==> flow/design.v <==
module add_rtl #(
    parameter integer DWIDTH = 48,
    parameter integer GROUP = 2
) (
    input wire aclk,
    input wire nrst,
    input wire clk_en,
    input wire [DWIDTH-1:0] dataa,
    input wire [DWIDTH-1:0] datab,
    input wire carry_in,
    output reg [DWIDTH-1:0] res,
    output reg carry_out
);
    localparam GROUPS = DWIDTH / GROUP;
    wire [DWIDTH-1:0] r;
    wire [GROUPS:0] c;
    assign c[0] = carry_in;
    genvar g;
    generate
        for (g = 0; g < GROUPS; g = g + 1) begin : row
            wire [GROUP:0] s0 = dataa[g*GROUP +: GROUP] + datab[g*GROUP +: GROUP];
            wire [GROUP:0] s1 = dataa[g*GROUP +: GROUP] + datab[g*GROUP +: GROUP] + 1'b1;
            assign {c[g+1], r[g*GROUP +: GROUP]} = c[g] ? s1 : s0;
        end
    endgenerate
    always @(posedge aclk or negedge nrst) begin
        if (~nrst) begin
            res <= 0;
            carry_out <= 1'b0;
        end else if (clk_en) begin
            res <= r;
            carry_out <= c[GROUPS];
        end
    end
endmodule
Tool chain data of add_rtl
What the tools print for add_rtl, step after step.
Lines are those of the file above, counted from 1.
Cell names lack the library's common part.
{"block": "setup", "top": "add_rtl", "clock": "aclk", "library": "sky130hd", "corner": "tt_025C_1v80"}

Elaborated design
Counts by Yosys on the flattened word-level netlist (proc, flatten, opt, wreduce; memories kept). Register bits leave out memories and registers merged into their read ports (data or address); mux counts leave out enables and synchronous resets folded into registers. Print and check cells are left out. Cells with the same type and inputs are merged into one.
{"block": "bits", "regBits": 49, "latch_bits": 0, "ram_bits": 0, "romBits": 0, "clocked_rd_ports_x_width": 0, "mem_count": 0, "inputBits": 100, "out_inout_bits": 49, "word_cells": 74}
{"block": "op_classes", "add_sub_neg": 48, "multipliers": 0, "div": 0, "compare": 0, "n_eq": 0, "shift": 0, "muxes": 24, "bitwise": 0, "n_reduce_logical": 0}
{"block": "op_table", "cell": "2-bit by 2-bit adder with 3-bit output", "count": 24}
{"block": "op_table", "cell": "3-bit by 1-bit adder with 3-bit output (second input constant)", "count": 24}
{"block": "op_table", "cell": "3-bit 2-to-1 mux", "count": 24}

Logic depth
Depth = most cells in a row (Yosys ltp): at word level without a register or memory, in the mapped netlist without a sequential cell, where the memories' decode and read muxes count.
{"block": "depth", "depth_word": 26, "abc_area": 0, "ltp_mapped": 25, "mapped_depth_nobuf": 25}

Mapped cells and area
The flow's flattened synthesis, as Yosys stat reports it; memories are mapped. The netlist is that of the ABC_AREA named above (0 if unset); the other value can give another one.
The area totals of this step are shown rounded.
{"block": "types", "cell": "dfrtp_1", "count": 49, "type_area_um2": 1.23E+03}
{"block": "types", "cell": "ha_1", "count": 48, "type_area_um2": 600.576}
{"block": "types", "cell": "fa_1", "count": 24, "type_area_um2": 480.461}
{"block": "types", "cell": "xnor2_1", "count": 30, "type_area_um2": 262.752}
{"block": "types", "cell": "mux2i_1", "count": 20, "type_area_um2": 200.192}
{"block": "types", "cell": "mux2_2", "count": 17, "type_area_um2": 191.434}
{"block": "types", "cell": "nor2_1", "count": 50, "type_area_um2": 187.68}
{"block": "types", "cell": "a21oi_1", "count": 37, "type_area_um2": 185.178}
{"block": "types", "cell": "inv_1", "count": 35, "type_area_um2": 131.376}
{"block": "types", "cell": "nand4_1", "count": 15, "type_area_um2": 93.84}
{"block": "types", "cell": "a311oi_4", "count": 3, "type_area_um2": 78.826}
{"block": "types", "cell": "nand4b_1", "count": 8, "type_area_um2": 70.067}
{"block": "types", "cell": "nand3_1", "count": 11, "type_area_um2": 55.053}
{"block": "types", "cell": "nand2_1", "count": 14, "type_area_um2": 52.55}
{"block": "types", "cell": "xor2_1", "count": 6, "type_area_um2": 52.55}
{"block": "types", "cell": "nand4b_4", "count": 2, "type_area_um2": 47.546}
{"block": "types", "cell": "nand3b_1", "count": 6, "type_area_um2": 45.043}
{"block": "types", "cell": "a31oi_1", "count": 6, "type_area_um2": 37.536}
Other cell types: 61; their cells: 100.
{"block": "synth_totals", "cells": 481, "area_um2": 4900, "sequential_area_um2": 1200, "ff_cells": 49, "buf_cells": 17}

Path before layout
Path of least setup slack by OpenSTA after synthesis, without wires, with an ideal clock, recovery checks aside; 20% of the period is set as input and as output delay. Where synthesis merged equal registers, the netlist keeps one of their names.
{"block": "synth_timing", "path_type": "input port to flip-flop", "start": "in dataa[0]", "end": "reg res[42]", "period_ps": 8500, "launch_ps": 1700, "arrival_ps": 7013, "required_ps": 8375, "slack_ps": 1362, "path_delay_ps": 5438, "driving_pins": 25, "period_less_setup_slack_ps": 7138}
"path_delay_ps" = arrival - input delay + setup time.
"driving_pins" counts driving pins, that of a launching flip-flop among them; a cell with two outputs on the path counts twice.
"period_less_setup_slack_ps" = period - worst setup slack (recovery checks aside). The figure is calculated, with input and output delays left at 20% of the set period.
The rows between start and end are the longest chain of elaborated cells between them; the timing report does not say that the signal goes this way. Where chains are equally long, one stands for them.
A line is the first line of the expression or statement that the cell stems from. Yosys adds cells for indexed reads and writes and turns some case tables into memories.
{"block": "synth_via", "path_cell_list": "ha_1 -> inv_1 -> fa_1 -> inv_1 -> ha_1 -> a21bo_2 -> a31o_1 -> a311o_1 -> a32o_2 -> a311oi_4 -> nor3_2 -> a311oi_4 -> a21oi_2 -> nand4b_4 -> o41a_4 -> nor3_4 -> a21boi_2 -> nor3_1 -> a2111oi_2 -> a311oi_4 -> or3_1 -> a21oi_2 -> xnor2_2 -> xnor2_1 -> mux2_2", "elab_chain_len": 24}
{"block": "synth_rtl", "element": "start, declared", "line": 8, "text": "input wire [DWIDTH-1:0] dataa,"}
{"block": "synth_rtl", "element": "2-bit by 2-bit adder with 3-bit output", "line": 22, "text": "wire [GROUP:0] s1 = dataa[g*GROUP +: GROUP] + datab[g*GROUP +: GROUP] + 1'b1;"}
{"block": "synth_rtl", "element": "3-bit by 1-bit adder with 3-bit output", "line": 22}
{"block": "synth_rtl", "element": "3-bit 2-to-1 mux (22 in a row)", "line": 23, "text": "assign {c[g+1], r[g*GROUP +: GROUP]} = c[g] ? s1 : s0;"}
{"block": "synth_rtl", "element": "end, assigned", "line": 28, "text": "res <= 0;"}
{"block": "synth_rtl", "element": "end, assigned", "line": 31, "text": "res <= r;"}
{"block": "synth_rtl", "element": "end, declared", "line": 11, "text": "output reg [DWIDTH-1:0] res,"}

Timing after layout
Path of least setup slack in the final report of job 2 (OpenROAD, finished layout, wires in). Where an end is a register, its clock arrival counts in the times.
The path's times are printed in steps of 10 ps; the period is the one set.
{"block": "layout_timing", "path_type": "input port to flip-flop", "start": "in dataa[0]", "end": "reg res[46]", "period_ps": 8500, "launch_ps": 1700, "arrival_ps": 8050, "required_ps": 8720, "slack_ps": 680, "driving_pins": 26}
The rows between start and end are the longest chain of elaborated cells between them; the timing report does not say that the signal goes this way. Where chains are equally long, one stands for them.
{"block": "layout_via", "path_cell_list": "clkdlybuf4s50_1 -> ha_1 -> inv_1 -> fa_1 -> inv_1 -> ha_1 -> a21bo_2 -> a31o_1 -> a311o_1 -> o2111a_1 -> nor4_1 -> nor4_2 -> a311oi_4 -> a21oi_2 -> nand4b_4 -> o41a_4 -> nor3_4 -> a21oi_1 -> nor4_1 -> nor3_1 -> a311oi_4 -> o21ai_2 -> nand4b_4 -> mux2i_4 -> xnor3_1 -> mux2i_1", "elab_chain_len": 26}
{"block": "layout_rtl", "element": "start, declared", "line": 8, "text": "input wire [DWIDTH-1:0] dataa,"}
{"block": "layout_rtl", "element": "2-bit by 2-bit adder with 3-bit output", "line": 22, "text": "wire [GROUP:0] s1 = dataa[g*GROUP +: GROUP] + datab[g*GROUP +: GROUP] + 1'b1;"}
{"block": "layout_rtl", "element": "3-bit by 1-bit adder with 3-bit output", "line": 22}
{"block": "layout_rtl", "element": "3-bit 2-to-1 mux (24 in a row)", "line": 23, "text": "assign {c[g+1], r[g*GROUP +: GROUP]} = c[g] ? s1 : s0;"}
{"block": "layout_rtl", "element": "end, assigned", "line": 28, "text": "res <= 0;"}
{"block": "layout_rtl", "element": "end, assigned", "line": 31, "text": "res <= r;"}
{"block": "layout_rtl", "element": "end, declared", "line": 11, "text": "output reg [DWIDTH-1:0] res,"}

Measured data: module add_rtl, platform sky130hd, 3 stored runs of the flow under differing settings, order arbitrary. Input and output delays are each 20% of the period that was set; the output load is 0.01 pF.
"achieved_period_ps": clock period set for the run, less the worst setup slack. It is reckoned from that one timing run; input and output delays stay at 20% of the period that was set.
By "design_power_w" is meant OpenSTA's value without simulated activity: inputs other than the clock are taken to toggle once in ten clock periods, and the tool carries that through the logic.
Results are given in rounded form.

{"run": "job 1", "settings": { "period_ns": 9.51, "CORE_UTILIZATION": 68, "PLACE_DENSITY_LB_ADDON": 0.3, "CORE_MARGIN": 7, "CELL_PAD_IN_SITES_GLOBAL_PLACEMENT": 1, "TNS_END_PERCENT": 100, "GPL_ROUTABILITY_DRIVEN": 0, "CTS_CLUSTER_DIAMETER": 253, "CAP_MARGIN": 20, "SLEW_MARGIN": 20 }, "outcome": "no final report: placement broke off with FLW-0024"}
{"run": "job 2", "settings": { "period_ns": 8.5, "CAP_MARGIN": 20, "CORE_MARGIN": 2, "CORE_UTILIZATION": 40, "SLEW_MARGIN": 20 }, "results": { "total_negative_slack_ps": 0, "achieved_period_ps": 7823, "die_um2": 13000, "worstSetupSlack_ps": 680, "final_cell_area_um2": 6600, "synthArea_um2": 4900, "design_power_w": 0.0011, "finalUtil_pct": 55 }}
{"run": "job 3", "settings": { "period_ns": 4.93, "CORE_UTILIZATION": 27, "SETUP_SLACK_MARGIN": 1.32, "PLACE_DENSITY_LB_ADDON": 0.19, "CORE_MARGIN": 5, "CTS_CLUSTER_SIZE": 85, "SLEW_MARGIN": 40, "CAP_MARGIN": 20 }, "results": { "total_negative_slack_ps": -19000, "achieved_period_ps": 6276, "die_um2": 21000, "worstSetupSlack_ps": -1300, "final_cell_area_um2": 7800, "synthArea_um2": 4900, "design_power_w": 0.0021, "finalUtil_pct": 44 }}
